==> flow/design.v <==
module shft #(
  parameter XLEN = 32,
  parameter SW = $clog2(XLEN)
) (
  input ck,
  input rst_n,
  input enable,
  input [XLEN-1:0] bus,
  input [SW-1:0] sa,
  output reg [XLEN-1:0] y
);
  reg [XLEN-1:0] bus_s;
  reg [SW-1:0] sa_s;
  wire [XLEN-1:0] node [0:SW];
  assign node[0] = bus_s;
  genvar ii;
  generate
    for (ii = 0; ii < SW; ii = ii + 1) begin : each
      assign node[ii+1] = sa_s[ii] ? node[ii] >> (1 << ii) : node[ii];
    end
  endgenerate
  always @(posedge ck) begin
    if (!rst_n) begin
      bus_s <= 0;
      sa_s <= 0;
      y <= 0;
    end else if (enable) begin
      bus_s <= bus;
      sa_s <= sa;
      y <= node[SW];
    end
  end
endmodule
# From RTL to reports: shft
# The steps from the RTL of shft to its reports follow in flow order.
# Lines are those of the file above, counted from 1.
# Operators: Yosys type, input widths -> output width; for muxes data width and select width s.
setup:
  top_module: "shft"
  clock_port: "ck"
  cell_library: "sky130hd"
  corner: "tt_025C_1v80"

# Word-level counts
# Source: Yosys, flattened and elaborated. Widths are those after wreduce; folded enables and synchronous resets count as part of the registers. Registers that Yosys merges into a memory's read port (data or address) are not register bits. Print and check cells do not count. Equal cells are merged and count once.
word_totals:
  register_bits: 69
  input_bits: 40
  output_inout_bits: 32
  wordCells: 8
classes:
  n_mux: 5
ops:
  columns: ["operator", "count"]
  rows:
  - ["$mux 32", 5]

# Logic depth
# Longest topological path by Yosys (ltp), each cell counted once; first at word level (registers and memories cut), then after technology mapping (sequential cells cut; the memories' decode and read muxes count).
depth:
  word_depth: 5
  ABC_AREA: 0
  mapped_depth: 8
  depth_no_buf: 5

# Netlist
# Source: synth_stat.txt of the flow (Yosys; design flattened, memories mapped). It holds for the ABC_AREA given above (unset counts as 0); a run with the other value may have another netlist.
# The area totals of this step are shown rounded.
mapped:
  cell_count: 415
  mapped_area_um2: 4280
  sequential_area_um2: 1380
  ff_cells: 69
  n_buf: 36
by_type:
  columns: ["type", "count", "area_total_um2"]
  rows:
  - ["sky130_fd_sc_hd__dfxtp_1", 69, 1.38E+03]
  - ["sky130_fd_sc_hd__mux4_2", 26, 585.562]
  - ["sky130_fd_sc_hd__mux2i_1", 55, 550.528]
  - ["sky130_fd_sc_hd__nor2b_1", 56, 350.336]
  - ["sky130_fd_sc_hd__mux4_1", 8, 210.202]
  - ["sky130_fd_sc_hd__nand2_1", 28, 105.101]
  - ["sky130_fd_sc_hd__mux2_2", 7, 78.826]
  - ["sky130_fd_sc_hd__o2bb2ai_1", 8, 70.067]
  - ["sky130_fd_sc_hd__clkbuf_1", 18, 67.565]
  - ["sky130_fd_sc_hd__nor2_1", 18, 67.565]
  - ["sky130_fd_sc_hd__a21oi_1", 13, 65.062]
  - ["sky130_fd_sc_hd__o21ai_0", 13, 65.062]
  - ["sky130_fd_sc_hd__a22oi_1", 6, 45.043]
  - ["sky130_fd_sc_hd__buf_2", 9, 45.043]
  - ["sky130_fd_sc_hd__a31oi_1", 7, 43.792]
  - ["sky130_fd_sc_hd__and2_1", 7, 43.792]
  - ["sky130_fd_sc_hd__o31a_1", 4, 35.034]
  - ["sky130_fd_sc_hd__buf_4", 4, 30.029]
# Other cell types: 31; their cells: 59.

# Path before layout
# OpenSTA on the mapped netlist: ideal clock, no wires. The path of least setup slack (recovery checks aside). Input and output delay are each 20% of the period. Register names are those of the netlist, which keeps one name where synthesis merged equal registers.
synth_timing:
  kind: "register to register"
  from: "register sa_s[0]"
  to: "register y[5]"
  period_ps: 2380
  setup_time_ps: 120
  launch_ps: 0
  arrival_time_ps: 1782
  t_required_ps: 2260
  path_slack_ps: 479
  path_delay_ps: 1902
  stages: 7
  path_buffers: 1
  synth_period_reached_ps: 1901
# "path_delay_ps" is the arrival time less input delay plus setup time.
# "stages" counts driving pins, that of a launching flip-flop among them; a cell with two outputs on the path counts twice.
# "synth_period_reached_ps" is the clock period less the worst setup slack; recovery checks do not enter. This is arithmetic on one report: input and output delays are still those of the set period (20% each).
# Between the ends stands the longest chain of elaborated cells between them, by number of cells; it is not shown to be the way that was timed. Of several equally long chains one is given.
# Each line given opens the expression or statement behind the cell; cells for indexed reads and writes are added by Yosys, which also makes memories of some case tables.
synth_via:
  path_cell_list: "sky130_fd_sc_hd__dfxtp_1 -> sky130_fd_sc_hd__buf_4 -> sky130_fd_sc_hd__mux4_2 -> sky130_fd_sc_hd__a22oi_1 -> sky130_fd_sc_hd__o31ai_1 -> sky130_fd_sc_hd__nor2b_1 -> sky130_fd_sc_hd__o31a_1"
  elab_chain_len: 5
  cone_cells: 5
  cone_lines: 1
  cone_classes: "mux (5)"
synth_rtl:
  columns: ["element", "line", "rtl"]
  rows:
  - ["start, declared", 13, "reg [SW-1:0] sa_s;"]
  - ["start, assigned", 25, "sa_s <= 0;"]
  - ["start, assigned", 29, "sa_s <= sa;"]
  - ["$mux 32 x5", 19, "assign node[ii+1] = sa_s[ii] ? node[ii] >> (1 << ii) : node[ii];"]
  - ["end, assigned", 26, "y <= 0;"]
  - ["end, assigned", 30, "y <= node[SW];"]
  - ["end, declared", 10, "output reg [XLEN-1:0] y"]

# Timing after layout
# Path of least setup slack in the final report of run 1 (OpenROAD, finished layout, wires in). Where an end is a register, its clock arrival counts in the times.
# The path's times are printed in steps of 10 ps; the period is the one set.
layout_timing:
  kind: "register to register"
  from: "register sa_s[1]"
  to: "register y[8]"
  period_ps: 2380
  setup_time_ps: 120
  launch_ps: 350
  arrival_time_ps: 2390
  t_required_ps: 2620
  path_slack_ps: 220
  stages: 6
  path_buffers: 0
# Between the ends stands the longest chain of elaborated cells between them, by number of cells; it is not shown to be the way that was timed. Of several equally long chains one is given.
layout_via:
  path_cell_list: "sky130_fd_sc_hd__dfxtp_4 -> sky130_fd_sc_hd__mux4_1 -> sky130_fd_sc_hd__mux2_2 -> sky130_fd_sc_hd__mux2i_1 -> sky130_fd_sc_hd__a2bb2oi_1 -> sky130_fd_sc_hd__a21oi_1"
  elab_chain_len: 4
  cone_cells: 4
  cone_lines: 1
  cone_classes: "mux (4)"
layout_rtl:
  columns: ["element", "line", "rtl"]
  rows:
  - ["start, declared", 13, "reg [SW-1:0] sa_s;"]
  - ["start, assigned", 25, "sa_s <= 0;"]
  - ["start, assigned", 29, "sa_s <= sa;"]
  - ["$mux 32 x4", 19, "assign node[ii+1] = sa_s[ii] ? node[ii] >> (1 << ii) : node[ii];"]
  - ["end, assigned", 26, "y <= 0;"]
  - ["end, assigned", 30, "y <= node[SW];"]
  - ["end, declared", 10, "output reg [XLEN-1:0] y"]

# Below are 3 stored runs of the flow (Yosys, OpenROAD; platform sky130hd) on shft, each with its settings and what was measured, unordered. Constraints: input delay and output delay 20% of the set period each, output load 0.01 pF.
# "achievedPeriod_ps" = clock period - worst setup slack. The figure is calculated, with input and output delays left at 20% of the set period.
# "worst_setup_path_time_ps" is the time allowed to the run's worst setup path (the clock period less input and output delay, where it has them) less its slack. Clock arrival times count: a late capture clock shortens it, a late launch clock lengthens it.
# "worst_setup_path_time_ps" is known to 10 ps.
# Results are given in rounded form.
runs:
  - name: "run 1"
    settings:
      period_ns: 2.38
      CAP_MARGIN: 20
      CORE_MARGIN: 2
      CORE_UTILIZATION: 40
      SLEW_MARGIN: 20
    results:
      finish.utilization_pct: 51.6
      worst_hold_slack_ps: 452
      dieArea_um2: 11500
      achievedPeriod_ps: 2157
      fin_ws_ps: 223
      final_setup_tns_ps: 0
      synth_area_um2: 4280
      worst_setup_path_time_ps: 2160
      worstPathKind: "register to register"
      finish.stdcell_area_um2: 5350
  - name: "run 2"
    settings:
      period_ns: 1.99
      CORE_UTILIZATION: 33
      PLACE_DENSITY_LB_ADDON: 0.29
      CORE_ASPECT_RATIO: 1.36
      GPL_TIMING_DRIVEN: 0
      SLEW_MARGIN: 35
      MIN_ROUTING_LAYER: "met1"
      MAX_ROUTING_LAYER: "met4"
      CAP_MARGIN: 20
      CORE_MARGIN: 2
    results:
      finish.utilization_pct: 45.4
      worst_hold_slack_ps: 431
      dieArea_um2: 13900
      achievedPeriod_ps: 2017
      fin_ws_ps: -27
      final_setup_tns_ps: -68
      synth_area_um2: 4280
      worst_setup_path_time_ps: 2020
      worstPathKind: "register to register"
      finish.stdcell_area_um2: 5750
  - name: "run 3"
    settings:
      period_ns: 1.65
      CORE_UTILIZATION: 24
      PLACE_DENSITY_LB_ADDON: 0.25
      CORE_ASPECT_RATIO: 0.8
      CELL_PAD_IN_SITES_GLOBAL_PLACEMENT: 3
      CELL_PAD_IN_SITES_DETAIL_PLACEMENT: 1
      TNS_END_PERCENT: 45
      ABC_AREA: 0
      GPL_ROUTABILITY_DRIVEN: 0
      CTS_CLUSTER_SIZE: 34
      CAP_MARGIN: 20
      CORE_MARGIN: 2
      SLEW_MARGIN: 20
    results:
      finish.utilization_pct: 37.2
      worst_hold_slack_ps: 434
      dieArea_um2: 18900
      achievedPeriod_ps: 2023
      fin_ws_ps: -373
      final_setup_tns_ps: -6710
      synth_area_um2: 4280
      worst_setup_path_time_ps: 2020
      worstPathKind: "register to register"
      finish.stdcell_area_um2: 6460
